==> flow/design.v <==
module ex_aligner (clk_i, clr, src, sh, dout);
    parameter DWIDTH = 8;
    localparam SBITS = $clog2(DWIDTH);
    input clk_i;
    input clr;
    input [DWIDTH-1:0] src;
    input [SBITS-1:0] sh;
    output [DWIDTH-1:0] dout;
    reg [DWIDTH-1:0] r_src;
    reg [SBITS-1:0] r_sh;
    always @(posedge clk_i or posedge clr) begin
        if (clr) begin
            r_src <= 0;
            r_sh <= 0;
        end else begin
            r_src <= src;
            r_sh <= sh;
        end
    end
    assign dout = r_src << r_sh;
endmodule
; Reports on ex_aligner
; A sweep over "DWIDTH": the same steps for each member of the family.
; The RTL above is that of DWIDTH 8; lines are counted from 1 in the file of the member named.
; Cell names lack the library's common part.
; The mark -- stands for no value.
[setup]
top_module = ex_aligner
clock_port = clk_i
cell_library = sky130hd
lib_corner = tt_025C_1v80

; Source of the members
; Lines of each other member's file that are new or changed against the file above; lines that a member lacks are not shown.
[src_changes]
columns = DWIDTH, line_no
row1 = 10, 2  ; parameter DWIDTH = 10;
row2 = 40, 2  ; parameter DWIDTH = 40;
row3 = 48, 2  ; parameter DWIDTH = 48;
row4 = 96, 2  ; parameter DWIDTH = 96;
row5 = 128, 2  ; parameter DWIDTH = 128;

; Word-level counts
; Source: Yosys, flattened and elaborated, memories not mapped. Widths are those after wreduce; folded enables and synchronous resets count as part of the registers. Registers that Yosys merges into a memory's read port (data or address) are not register bits. Print and check cells do not count. Equal cells are merged and count once.
[bits]
columns = DWIDTH, reg_bits, output_inout_bits
row1 = 8, 11, 8
row2 = 10, 14, 10
row3 = 40, 46, 40
row4 = 48, 54, 48
row5 = 96, 103, 96
row6 = 128, 135, 128
[op_classes]
columns = DWIDTH, shift
row1 = 8, 1
row2 = 10, 1
row3 = 40, 1
row4 = 48, 1
row5 = 96, 1
row6 = 128, 1
[ops]
columns = DWIDTH, op_list
row1 = 8, 8-bit by 3-bit << shifter with 8-bit output (1)
row2 = 10, 10-bit by 4-bit << shifter with 10-bit output (1)
row3 = 40, 40-bit by 6-bit << shifter with 40-bit output (1)
row4 = 48, 48-bit by 6-bit << shifter with 48-bit output (1)
row5 = 96, 96-bit by 7-bit << shifter with 96-bit output (1)
row6 = 128, 128-bit by 7-bit << shifter with 128-bit output (1)

; Logic depth
; Depth = most cells in a row (Yosys ltp): at word level without a register or memory, in the mapped netlist without a sequential cell, where the memories' decode and read muxes count.
[depth]
columns = DWIDTH, word_depth, ABC_AREA, ltp_mapped
row1 = 8, 1, 0, 4
row2 = 10, 1, 0, 6
row3 = 40, 1, 0, 6
row4 = 48, 1, 0, 8
row5 = 96, 1, 0, 11
row6 = 128, 1, 0, 12

; Mapped cells and area
; Yosys stat after the flow's synthesis: flattened, memories mapped to cells. It holds for the ABC_AREA given above (unset counts as 0); a run with the other value may have another netlist.
; Totals and module areas in this step are rounded.
[types]
columns = DWIDTH, type_list
row1 = 8, dfrtp_1 (11); mux4_2 (2); mux2i_1 (4); mux2_4 (2); mux2_1 (2); a211oi_1 (2); buf_6 (1); inv_1 (3); mux2_2 (1); nand2_1 (3); buf_2 (2); o21ai_0 (2); a2bb2oi_1 (1); nor4b_1 (1); nand3b_1 (1); o21a_1 (1); nor2b_1 (1); o22ai_1 (1); [+3]
row2 = 10, dfrtp_1 (14); mux2i_1 (9); mux4_2 (2); a21oi_1 (5); nand2b_1 (3); a211o_1 (2); a211oi_1 (2); buf_8 (1); nand2_1 (4); and2_1 (2); nor2b_1 (2); nor4_1 (2); buf_6 (1); mux2_1 (1); nor2_1 (3); a2111oi_1 (1); buf_2 (2); nor3_1 (2); [+9]
row3 = 40, dfrtp_1 (46); mux4_2 (43); mux2_2 (19); mux2i_1 (19); nand2_1 (31); nor2_1 (28); nand2b_1 (8); clkbuf_1 (13); buf_6 (4); o22ai_1 (7); o32ai_1 (5); and3_1 (5); a21oi_1 (6); buf_2 (6); mux4_1 (1); o221ai_1 (3); a22oi_1 (3); inv_1 (6); [+40]
row4 = 48, dfrtp_1 (54); mux4_2 (33); mux2i_1 (45); mux2_2 (22); nor2_1 (46); nand2_1 (33); mux4_1 (4); o22ai_1 (16); a21oi_1 (17); buf_2 (13); clkbuf_1 (14); a211oi_1 (6); a22oi_1 (6); buf_6 (4); a31oi_1 (7); o221ai_1 (5); and2_1 (6); o21ai_1 (7); [+70]
row5 = 96, dfrtp_1 (103); mux4_2 (67); mux2i_1 (103); mux2_2 (81); nor2_1 (115); nand2_1 (102); o22ai_1 (52); o21ai_0 (37); clkbuf_1 (43); o211ai_1 (20); a21oi_1 (25); buf_2 (25); nand3_1 (23); a22oi_1 (15); mux4_1 (4); o221ai_1 (12); a211oi_1 (13); buf_6 (7); [+165]
row6 = 128, dfrtp_1 (135); mux4_2 (134); mux2i_1 (146); mux2_2 (92); nor2_1 (197); nand2_1 (104); o21ai_0 (56); o22ai_1 (41); clkbuf_1 (67); o22a_1 (23); a21oi_1 (38); o211ai_1 (22); buf_2 (31); a211oi_1 (19); nand3_1 (28); mux4_1 (5); nor3_1 (25); buf_6 (11); [+219]
; The mark [+n] counts cells that are not listed.
[synth_totals]
columns = DWIDTH, stdcells, area_um2, seq_area_um2, ffs
row1 = 8, 44, 552, 275, 11
row2 = 10, 67, 742, 350, 14
row3 = 40, 293, 3450, 1150, 46
row4 = 48, 408, 4350, 1350, 54
row5 = 96, 1012, 9730, 2580, 103
row6 = 128, 1393, 13900, 3380, 135

; Timing after synthesis
; Path of least setup slack by OpenSTA after synthesis, without wires, with an ideal clock, recovery checks aside; 20% of the period is set as input and as output delay. Where synthesis merged equal registers, the netlist keeps one of their names.
[synth_timing]
columns = DWIDTH, path_kind, startpoint, endpoint, clock_period_ns, slack_ns, driving_pins, delay_ns, synth_period_reached_ns
row1 = 8, register to output, register r_sh[2], output dout[7], 1.99, 0.317, 4, 1.275, 1.673
row2 = 10, register to output, register r_sh[0], output dout[3], 2.29, 0.364, 6, 1.468, 1.926
row3 = 40, register to output, register r_sh[0], output dout[32], 2.87, 0.460, 7, 1.836, 2.41
row4 = 48, register to output, register r_sh[0], output dout[41], 2.89, 0.462, 8, 1.850, 2.428
row5 = 96, register to output, register r_sh[3], output dout[91], 3.65, 0.581, 10, 2.339, 3.069
row6 = 128, register to output, register r_sh[1], output dout[126], 3.99, 0.641, 10, 2.551, 3.349
; "delay_ns" = arrival - input delay + setup time.
; A path that ends at an output port has no setup time.
; "driving_pins": output pins that drive a net of the path, with the launching flip-flop's if there is one; two outputs of one cell count as two.
; "synth_period_reached_ns" = period - worst setup slack (recovery checks aside). The figure is calculated, with input and output delays left at 20% of the set period.
; Between the ends stands the longest chain of elaborated cells between them, by number of cells; it is not shown to be the way that was timed. Of several equally long chains one is given.
; Each line given opens the expression or statement behind the cell; cells for indexed reads and writes are added by Yosys, which also makes memories of some case tables.
[synth_via_DWIDTH_8]
elab_chain_cells = 1
[synth_lines_DWIDTH_8]
columns = element, line_no
row1 = start: declaration, 10  ; reg [SBITS-1:0] r_sh;
row2 = start: assignment, 14  ; r_sh <= 0;
row3 = start: assignment, 17  ; r_sh <= sh;
row4 = 8-bit by 3-bit << shifter with 8-bit output, 20  ; assign dout = r_src << r_sh;
row5 = end: declaration, 8  ; output [DWIDTH-1:0] dout;
[synth_via_DWIDTH_128]
elab_chain_cells = 1
[synth_lines_DWIDTH_128]
columns = element, line_no
row1 = start: declaration, 10  ; reg [SBITS-1:0] r_sh;
row2 = start: assignment, 14  ; r_sh <= 0;
row3 = start: assignment, 17  ; r_sh <= sh;
row4 = 128-bit by 7-bit << shifter with 128-bit output, 20  ; assign dout = r_src << r_sh;
row5 = end: declaration, 8  ; output [DWIDTH-1:0] dout;

; Path in the finished layout
; From the final timing report of each member's run: the path of least setup slack in the routed layout; clock arrival at registers is part of the times.
[layout_timing]
columns = DWIDTH, path_kind, startpoint, endpoint, clock_period_ns, slack_ns, driving_pins, arrival_time_ns, path_buffers
row1 = 8, register to output, register r_sh[2], output dout[7], 1.99, -0.06, 4, 1.65, 1
row2 = 10, register to output, register r_sh[0], output dout[2], 2.29, 0.02, 6, 1.81, 2
row3 = 40, register to output, register r_sh[0], output dout[36], 2.87, -0.08, 8, 2.38, 3
row4 = 48, register to output, register r_sh[0], output dout[45], 2.89, -0.26, 9, 2.57, 3
row5 = 96, register to output, register r_sh[0], output dout[81], 3.65, -0.13, 12, 3.05, 5
row6 = 128, register to output, register r_sh[0], output dout[112], 3.99, -0.19, 10, 3.39, 3

; Layout results
; Settings and results of one run of the flow (Yosys, OpenROAD) for each member follow. The constraints put input and output delay at 20% of the set period each and load the outputs with 0.01 pF.
[flow_settings]
CAP_MARGIN = 20
CORE_MARGIN = 2
CORE_UTILIZATION = 40
SLEW_MARGIN = 20
[settings_diff]
columns = DWIDTH, period_ns
row1 = 8, 1.99
row2 = 10, 2.29
row3 = 40, 2.87
row4 = 48, 2.89
row5 = 96, 3.65
row6 = 128, 3.99
[measured]
columns = DWIDTH, synthArea_um2, die_um2, stdcell_area_um2, post_route_util_frac, final_setup_ws_ns, timing.setup.tns_ns, fin_power_mw, achieved_clock_period_ns
row1 = 8, 552, 1690, 877, 0.674, -0.056, -0.056, 0.510, 2.046
row2 = 10, 742, 2220, 1080, 0.628, 0.023, 0.000, 0.526, 2.267
row3 = 40, 3450, 9380, 5090, 0.613, -0.079, -0.476, 1.96, 2.949
row4 = 48, 4350, 11700, 7150, 0.665, -0.257, -4.85, 2.50, 3.147
row5 = 96, 9730, 25600, 15400, 0.638, -0.131, -2.22, 4.59, 3.781
row6 = 128, 13900, 36300, 22400, 0.651, -0.193, -1.91, 6.73, 4.183
; "achieved_clock_period_ns" means the clock period less the worst setup slack. The figure is calculated, with input and output delays left at 20% of the set period.
; By "fin_power_mw" is meant OpenSTA's value without simulated activity: inputs other than the clock are taken to toggle once in ten clock periods, and the tool carries that through the logic.
; Measured values are rounded.
